==> flow/design.v <==
module alu_cmp #(
    parameter NBITS = 36
) (
    input aclk,
    input en,
    input signed [NBITS-1:0] op_a,
    input signed [NBITS-1:0] op_b,
    output below,
    output a_eq_b,
    output a_gt_b
);
    reg signed [NBITS-1:0] op_a_ff;
    reg signed [NBITS-1:0] op_b_ff;
    always @(posedge aclk) begin
        if (en) begin
            op_a_ff <= op_a;
            op_b_ff <= op_b;
        end
    end
    assign below = (op_a_ff < op_b_ff);
    assign a_eq_b = (op_a_ff == op_b_ff);
    assign a_gt_b = (op_a_ff > op_b_ff);
endmodule
-- From RTL to reports: alu_cmp
What the tools print for alu_cmp, step after step.
Lines are those of the file above, counted from 1.
Not given: n/a
- top: alu_cmp
- clock: aclk
- library: sky130hd
- corner: tt_025C_1v80

-- Word level
Source: Yosys, flattened and elaborated, memories not mapped. Widths are those after wreduce; folded enables and synchronous resets count as part of the registers. Registers that Yosys merges into a memory's read port (data or address) are not register bits. Print and check cells do not count. Equal cells are merged and count once.
- noted bits in registers: 72
- cells after elaboration: 5
- $lt $le $gt $ge at 2
- noted equality and inequality tests: 1
- operator list (operator ; number):
    > comparator 36 bit ; 1
    < comparator 36 bit ; 1
    == test 36 bit ; 1

-- Longest topological paths
Depth = most cells in a row (Yosys ltp): at word level without a register or memory, in the mapped netlist without a sequential cell, where the memories' decode and read muxes count.
- depth after elaboration at 1
- ABC_AREA: 0
- noted mapped depth: 8
- gate-level depth less buffers at 8

-- Mapped cells and area
Source: synth_stat.txt of the flow (Yosys; design flattened, memories mapped). It holds for the ABC_AREA given above (unset counts as 0); a run with the other value may have another netlist.
The area totals of this step are shown rounded.
- cells by type (cell type ; number):
    sky130_fd_sc_hd__edfxtp_1 ; 72
    sky130_fd_sc_hd__ha_1 ; 36
    sky130_fd_sc_hd__inv_1 ; 39
    sky130_fd_sc_hd__a21oi_1 ; 17
    sky130_fd_sc_hd__nand4_1 ; 7
    sky130_fd_sc_hd__nand2_1 ; 11
    sky130_fd_sc_hd__o21ai_0 ; 5
    sky130_fd_sc_hd__nor4_4 ; 1
    sky130_fd_sc_hd__a221oi_2 ; 1
    sky130_fd_sc_hd__nand3_1 ; 3
    sky130_fd_sc_hd__o21a_1 ; 2
    sky130_fd_sc_hd__o221ai_2 ; 1
    sky130_fd_sc_hd__nand4_2 ; 1
    sky130_fd_sc_hd__a21boi_2 ; 1
    sky130_fd_sc_hd__nor2_1 ; 3
    sky130_fd_sc_hd__nand3_2 ; 1
    sky130_fd_sc_hd__nor3_1 ; 2
    sky130_fd_sc_hd__a221oi_1 ; 1
Other cell types: 6; their cells: 6.
- noted cells in the netlist: 210
- noted chip area (Yosys): 0.003141 mm²
- noted area of sequential cells: 0.002162 mm²
- noted mapped flip-flops: 72
- noted buffer cells: 0

-- Timing after synthesis
Path of least setup slack by OpenSTA after synthesis, without wires, with an ideal clock, recovery checks aside; 20% of the period is set as input and as output delay. Where synthesis merged equal registers, the netlist keeps one of their names.
- path kind: reg-to-output
- start: register op_a_ff[11]
- end: output port below
- noted period: 2.83 ns
- external output delay: 0.566 ns
- noted time at the first pin: 0.000 ns
- data arrival time at 1.812 ns
- noted data required time: 2.264 ns
- path slack at 0.452 ns
- path delay: 1.812 ns
- noted stages: 8
- path buffers at 0
- period reached after synthesis: 2.378 ns
"path delay" is the arrival time less input delay plus setup time.
At an output port there is no setup time.
"stages": output pins that drive a net of the path, with the launching flip-flop's if there is one; two outputs of one cell count as two.
"period reached after synthesis" is the clock period less the worst setup slack; recovery checks do not enter. This is arithmetic on one report: input and output delays are still those of the set period (20% each).
Between the ends stands the longest chain of elaborated cells between them, by number of cells; it is not shown to be the way that was timed. Of several equally long chains one is given.
Each line given opens the expression or statement behind the cell; cells for indexed reads and writes are added by Yosys, which also makes memories of some case tables.
- path through: sky130_fd_sc_hd__edfxtp_1 > sky130_fd_sc_hd__ha_1 > sky130_fd_sc_hd__a21oi_1 > sky130_fd_sc_hd__o21ai_0 > sky130_fd_sc_hd__a221oi_1 > sky130_fd_sc_hd__a21boi_2 > sky130_fd_sc_hd__or3_1 > sky130_fd_sc_hd__and2_1
- noted length of the longest elaborated chain: 1
- elaborated cells on any way between the ends: 1
- those cells by class: compare (1)
- RTL lines, path after synthesis (element ; RTL line ; RTL):
    start: declaration ; 12 ; reg signed [NBITS-1:0] op_a_ff;
    start: assignment ; 16 ; op_a_ff <= op_a;
    < comparator 36 bit ; 20 ; assign below = (op_a_ff < op_b_ff);
    end: declaration ; 8 ; output below,

-- Worst path after layout
From the final timing report of run 1: the path of least setup slack in the routed layout; clock arrival at registers is part of the times.
- path kind: reg-to-output
- start: register op_a_ff[11]
- end: output port a_gt_b
- noted period: 3.86 ns
- external output delay: 0.77 ns
- noted time at the first pin: 0.34 ns
- data arrival time at 2.88 ns
- noted data required time: 3.09 ns
- path slack at 0.21 ns
- noted stages: 9
- path buffers at 1
Between the ends stands the longest chain of elaborated cells between them, by number of cells; it is not shown to be the way that was timed. Of several equally long chains one is given.
- path through: sky130_fd_sc_hd__edfxtp_1 > sky130_fd_sc_hd__ha_1 > sky130_fd_sc_hd__a21oi_1 > sky130_fd_sc_hd__o21ai_1 > sky130_fd_sc_hd__a221oi_2 > sky130_fd_sc_hd__a21boi_2 > sky130_fd_sc_hd__or3_1 > sky130_fd_sc_hd__nand2_1 > sky130_fd_sc_hd__clkdlybuf4s50_1
- noted length of the longest elaborated chain: 1
- elaborated cells on any way between the ends: 1
- those cells by class: compare (1)
- RTL lines, path after layout (element ; RTL line ; RTL):
    start: declaration ; 12 ; reg signed [NBITS-1:0] op_a_ff;
    start: assignment ; 16 ; op_a_ff <= op_a;
    > comparator 36 bit ; 22 ; assign a_gt_b = (op_a_ff > op_b_ff);
    end: declaration ; 10 ; output a_gt_b

Record of 3 stored runs of the RTL-to-layout flow on alu_cmp, platform sky130hd. The runs are unordered. Constraints: input delay and output delay 20% of the set period each, output load 0.01 pF.
"overall power" rests on the timing tool's default activity at the inputs, not on a simulated workload.
The measured numbers are rounded.

Run 1

==> flow/run.sh <==
#!/bin/bash
# the make line also repeats the synthesis and layout settings of config.mk as NAME=value (left out here)
make -C /OpenROAD-flow-scripts/flow DESIGN_CONFIG=/design/flow/config.mk WORK_HOME=/design/flow/orfs CLKGATE_MAP_FILE= finish
==> flow/config.mk <==
export PLATFORM = sky130hd
export DESIGN_NAME = alu_cmp
export DESIGN_NICKNAME = alu_cmp
export VERILOG_FILES = /design/flow/design.v
export SDC_FILE = /design/flow/constraint.sdc
export NUM_CORES = 4
export LEC_CHECK = 0
export CAP_MARGIN = 10
export CORE_ASPECT_RATIO = 1.13
export CORE_MARGIN = 2
export CORE_UTILIZATION = 67
export GPL_ROUTABILITY_DRIVEN = 0
export HOLD_SLACK_MARGIN = 0.18
export MAX_ROUTING_LAYER = met4
export PLACE_DENSITY_LB_ADDON = 0.15
export SLEW_MARGIN = 20
==> flow/constraint.sdc <==
create_clock -name core_clock -period 3.86 [get_ports {aclk}]
set_input_delay 0.7720 -clock core_clock [delete_from_list [all_inputs] [get_ports {aclk}]]
set_output_delay 0.7720 -clock core_clock [all_outputs]
set_load 0.01 [all_outputs]

Measured in run 1:
- overall power at 1704 µW
- noted the post-layout utilization: 0.914
- post-route setup TNS at 0.000 ns
- synthesis area at 0.003141 mm²
- total die area at 0.005252 mm²
- worst setup slack after layout: 0.205 ns
- noted the area of the standard cells in the finished layout: 0.004131 mm²

Run 2

==> flow/run.sh <==
#!/bin/bash
# the make line also repeats the synthesis and layout settings of config.mk as NAME=value (left out here)
make -C /OpenROAD-flow-scripts/flow DESIGN_CONFIG=/design/flow/config.mk WORK_HOME=/design/flow/orfs CLKGATE_MAP_FILE= finish
==> flow/config.mk <==
export PLATFORM = sky130hd
export DESIGN_NAME = alu_cmp
export DESIGN_NICKNAME = alu_cmp
export VERILOG_FILES = /design/flow/design.v
export SDC_FILE = /design/flow/constraint.sdc
export NUM_CORES = 4
export LEC_CHECK = 0
export CAP_MARGIN = 35
export CELL_PAD_IN_SITES_DETAIL_PLACEMENT = 0
export CORE_MARGIN = 10
export CORE_UTILIZATION = 67
export MAX_ROUTING_LAYER = met5
export MIN_ROUTING_LAYER = met1
export PLACE_DENSITY_LB_ADDON = 0.29
export SETUP_SLACK_MARGIN = 0.76
export SLEW_MARGIN = 35
export TNS_END_PERCENT = 70
==> flow/constraint.sdc <==
create_clock -name core_clock -period 2.64 [get_ports {aclk}]
set_input_delay 0.5280 -clock core_clock [delete_from_list [all_inputs] [get_ports {aclk}]]
set_output_delay 0.5280 -clock core_clock [all_outputs]
set_load 0.01 [all_outputs]

Run 2: stopped before the end: clock tree synthesis reported DPL-0033.

Run 3

==> flow/run.sh <==
#!/bin/bash
# the make line also repeats the synthesis and layout settings of config.mk as NAME=value (left out here)
make -C /OpenROAD-flow-scripts/flow DESIGN_CONFIG=/design/flow/config.mk WORK_HOME=/design/flow/orfs CLKGATE_MAP_FILE= finish
==> flow/config.mk <==
export PLATFORM = sky130hd
export DESIGN_NAME = alu_cmp
export DESIGN_NICKNAME = alu_cmp
export VERILOG_FILES = /design/flow/design.v
export SDC_FILE = /design/flow/constraint.sdc
export NUM_CORES = 4
export LEC_CHECK = 0
export CAP_MARGIN = 20
export CORE_MARGIN = 2
export CORE_UTILIZATION = 40
export SLEW_MARGIN = 20
==> flow/constraint.sdc <==
create_clock -name core_clock -period 2.83 [get_ports {aclk}]
set_input_delay 0.5660 -clock core_clock [delete_from_list [all_inputs] [get_ports {aclk}]]
set_output_delay 0.5660 -clock core_clock [all_outputs]
set_load 0.01 [all_outputs]

Measured in run 3:
- overall power at 2455 µW
- noted the post-layout utilization: 0.582
- post-route setup TNS at -0.168 ns
- synthesis area at 0.003141 mm²
- total die area at 0.008576 mm²
- worst setup slack after layout: -0.103 ns
- noted the area of the standard cells in the finished layout: 0.004453 mm²
